==> flow/design.v <==
module selector_rtl #(
   parameter W = 32
) (
   input wire i_clk,
   input wire reset,
   input wire [W-1:0] d0,
   input wire [W-1:0] d1,
   input wire [W-1:0] d2,
   input wire [W-1:0] d3,
   input wire [W-1:0] d4,
   input wire [W-1:0] d5,
   input wire [W-1:0] d6,
   input wire [W-1:0] d7,
   input wire [2:0] pick,
   output wire [W-1:0] o
);
   reg [W-1:0] tmp;
   always @* begin
      if (pick == 0) tmp = d0;
      else if (pick == 1) tmp = d1;
      else if (pick == 2) tmp = d2;
      else if (pick == 3) tmp = d3;
      else if (pick == 4) tmp = d4;
      else if (pick == 5) tmp = d5;
      else if (pick == 6) tmp = d6;
      else tmp = d7;
   end
   reg [W-1:0] o_q;
   always @(posedge i_clk or posedge reset) begin
      if (reset) begin
         o_q <= 0;
      end else begin
         o_q <= tmp;
      end
   end
   assign o = o_q;
endmodule
# Reports on selector_rtl
# Tool output for the design above, in the order of the flow.
# Line numbers count from 1 in the design file above.
# Library cell names are shortened.
# The mark -- stands for no value.
[design]
design = "selector_rtl"
clock = "i_clk"
lib = "sky130hd"
corner = "tt_025C_1v80"

# Word level
# Source: Yosys, flattened and elaborated, memories not mapped. Widths are those after wreduce; folded enables and synchronous resets count as part of the registers. Registers that Yosys merges into a memory's read port (data or address) are not register bits. Print and check cells do not count. Equal cells are merged and count once.
[word_totals]
reg_bits = 32
latch_bits = 0
ram_bits = 0
rom_bits = 0
clocked_rd_ports_x_width = 0
mem_count = 0
inputBits = 261
word_cells = 15
[op_classes]
n_addsub = 0
mul = 0
div_mod_pow = 0
n_cmp = 0
n_eq = 6
n_shift = 0
mux = 7
bitwise = 0
reduce_and_logical = 1
[op_table]
columns = ["operator", "n"]
rows = [
  ["two-way mux 32 bit", 7],
  ["equality test 3 bit (second input constant)", 3],
  ["equality test 3 x 2 -> 1 bit (second input constant)", 2],
  ["equality test 3 x 1 -> 1 bit (second input constant)", 1],
  ["logical NOT 3 bit", 1],
]

# Longest topological paths
# Longest topological path by Yosys (ltp), each cell counted once; first at word level (registers and memories cut), then after technology mapping (sequential cells cut; the memories' decode and read muxes count).
[depth]
depth_word = 8
abc_area = 0
mapped_depth = 7
mapped_depth_nobuf = 4

# Synthesis result
# Yosys stat after the flow's synthesis: flattened, memories mapped to cells. It holds for the ABC_AREA given above (unset counts as 0); a run with the other value may have another netlist.
[synth_totals]
mapped_cells = 375
area_um2 = 3678.5
ff_cells = 32
n_buf = 42
[types]
columns = ["type", "n", "type_area_um2"]
rows = [
  ["dfrtp_1", 32, 800.768],
  ["mux2i_1", 44, 440.422],
  ["mux2_2", 24, 270.259],
  ["a211oi_1", 31, 232.723],
  ["mux2_4", 12, 180.173],
  ["mux4_2", 8, 180.173],
  ["a22oi_2", 12, 150.144],
  ["o22a_1", 17, 148.893],
  ["nand2_1", 38, 142.637],
  ["clkbuf_8", 9, 123.869],
  ["buf_6", 10, 112.608],
  ["o22ai_1", 18, 112.608],
  ["nand2b_1", 15, 93.84],
  ["nor3_1", 17, 85.082],
  ["o32ai_1", 7, 61.309],
  ["buf_2", 12, 60.058],
  ["nor2_1", 16, 60.058],
  ["o221ai_1", 6, 52.55],
]
# Not listed: further types 16, cells in them 47.

# Worst setup path after synthesis
# Source: OpenSTA report_checks on the synthesized netlist (no wires, ideal clock, input and output delay 20% of the period each), path of least setup slack; recovery checks are left aside. Register names are those of the netlist, which keeps one name where synthesis merged equal registers.
[synth_path]
kind = "input port to flip-flop"
from = "input pick[1]"
to = "register o_q[14]"
tclk_ns = 1.65
input_delay_ns = 0.330
launch_ns = 0.330
t_arrival_ns = 1.263
required_time_ns = 1.529
setup_slack_ns = 0.266
delay_ns = 1.054
driving_pins = 6
n_path_buf = 2
synth_period_reached_ns = 1.384
# "delay_ns" is the arrival time less input delay plus setup time.
# "driving_pins": output pins that drive a net of the path, with the launching flip-flop's if there is one; two outputs of one cell count as two.
# "synth_period_reached_ns" is the clock period less the worst setup slack; recovery checks do not enter. This is arithmetic on one report: input and output delays are still those of the set period (20% each).
# The rows between start and end are the longest chain of elaborated cells between them; the timing report does not say that the signal goes this way. Where chains are equally long, one stands for them.
# Each line given opens the expression or statement behind the cell; cells for indexed reads and writes are added by Yosys, which also makes memories of some case tables.
[synth_via]
cell_sequence = "buf_6 buf_12 mux2_4 a22oi_2 o22ai_1 o22a_1"
elab_chain_cells = 8
[synth_rtl]
columns = ["item", "line_no", "text"]
rows = [
  ["from (decl)", 14, "input wire [2:0] pick,"],
  ["equality test 3 bit", 25, "else if (pick == 6) tmp = d6;"],
  ["two-way mux 32 bit", 25, ""],
  ["two-way mux 32 bit", 24, "else if (pick == 5) tmp = d5;"],
  ["two-way mux 32 bit", 23, "else if (pick == 4) tmp = d4;"],
  ["two-way mux 32 bit", 22, "else if (pick == 3) tmp = d3;"],
  ["two-way mux 32 bit", 21, "else if (pick == 2) tmp = d2;"],
  ["two-way mux 32 bit", 20, "else if (pick == 1) tmp = d1;"],
  ["two-way mux 32 bit", 19, "if (pick == 0) tmp = d0;"],
  ["to (assign)", 31, "o_q <= 0;"],
  ["to (assign)", 33, "o_q <= tmp;"],
  ["to (decl)", 28, "reg [W-1:0] o_q;"],
]

# Worst path after layout
# From the final timing report of record 1: the path of least setup slack in the routed layout; clock arrival at registers is part of the times.
[layout_path]
kind = "flip-flop to output port"
from = "register o_q[27]"
to = "output o[27]"
tclk_ns = 1.99
out_delay_ns = 0.40
launch_ns = 0.28
t_arrival_ns = 1.22
required_time_ns = 1.59
setup_slack_ns = 0.37
driving_pins = 2
n_path_buf = 1
[layout_via]
cell_sequence = "dfrtp_1 clkdlybuf4s50_1"
elab_chain_cells = 0
[layout_rtl]
columns = ["item", "line_no", "text"]
rows = [
  ["from (decl)", 28, "reg [W-1:0] o_q;"],
  ["from (assign)", 31, "o_q <= 0;"],
  ["from (assign)", 33, "o_q <= tmp;"],
  ["to (decl)", 15, "output wire [W-1:0] o"],
]

# Top module selector_rtl; platform sky130hd; tools Yosys and OpenROAD; 3 stored runs in no particular order. Input and output delays are each 20% of the period that was set; the output load is 0.01 pF.
# "clock_period_reached_ns": clock period set for the run, less the worst setup slack. It is reckoned from that one timing run; input and output delays stay at 20% of the period that was set.
# "worst_path_ns": the worst setup path's part of the clock period (all of it between registers, 20% less for each end at a port) less its slack. A launch clock that arrives late makes it longer, a capture clock that arrives late makes it shorter.
# "power_uw" is the tool's figure for a default switching activity; nothing was simulated.

[[run]]
name = "record 1"
[run.settings]
period_ns = 1.99
CORE_UTILIZATION = 34
CORE_ASPECT_RATIO = 0.92
CELL_PAD_IN_SITES_GLOBAL_PLACEMENT = 0
CELL_PAD_IN_SITES_DETAIL_PLACEMENT = 0
TNS_END_PERCENT = 90
GPL_TIMING_DRIVEN = 1
GPL_ROUTABILITY_DRIVEN = 1
CTS_CLUSTER_DIAMETER = 364
CAP_MARGIN = 10
MIN_ROUTING_LAYER = "met2"
MAX_ROUTING_LAYER = "met5"
CORE_MARGIN = 2
SLEW_MARGIN = 20
[run.results]
synthesis_area_um2 = 3678.5
die_um2 = 11668.4
final_cell_area_um2 = 6746.5
layout_utilization_pct = 63.7
setup_ws_ns = 0.373
power_uw = 2961
clock_period_reached_ns = 1.617
worst_path_ns = 1.22
critical_path_kind = "flip-flop to output port"

[[run]]
name = "record 2"
[run.settings]
period_ns = 1.65
CAP_MARGIN = 20
CORE_MARGIN = 2
CORE_UTILIZATION = 40
SLEW_MARGIN = 20
[run.results]
synthesis_area_um2 = 3678.5
die_um2 = 9979.0
final_cell_area_um2 = 6801.5
layout_utilization_pct = 77.2
setup_ws_ns = 0.110
power_uw = 3274
clock_period_reached_ns = 1.540
worst_path_ns = 1.21
critical_path_kind = "flip-flop to output port"

[[run]]
name = "record 3"
[run.settings]
period_ns = 1.18
CORE_UTILIZATION = 51
SETUP_SLACK_MARGIN = 0.13
PLACE_DENSITY_LB_ADDON = 0.25
CORE_ASPECT_RATIO = 0.92
GPL_TIMING_DRIVEN = 1
CTS_CLUSTER_DIAMETER = 37
SLEW_MARGIN = 35
CAP_MARGIN = 20
CORE_MARGIN = 2
[run.results]
outcome = "not finished: placement ended with error FLW-0024"
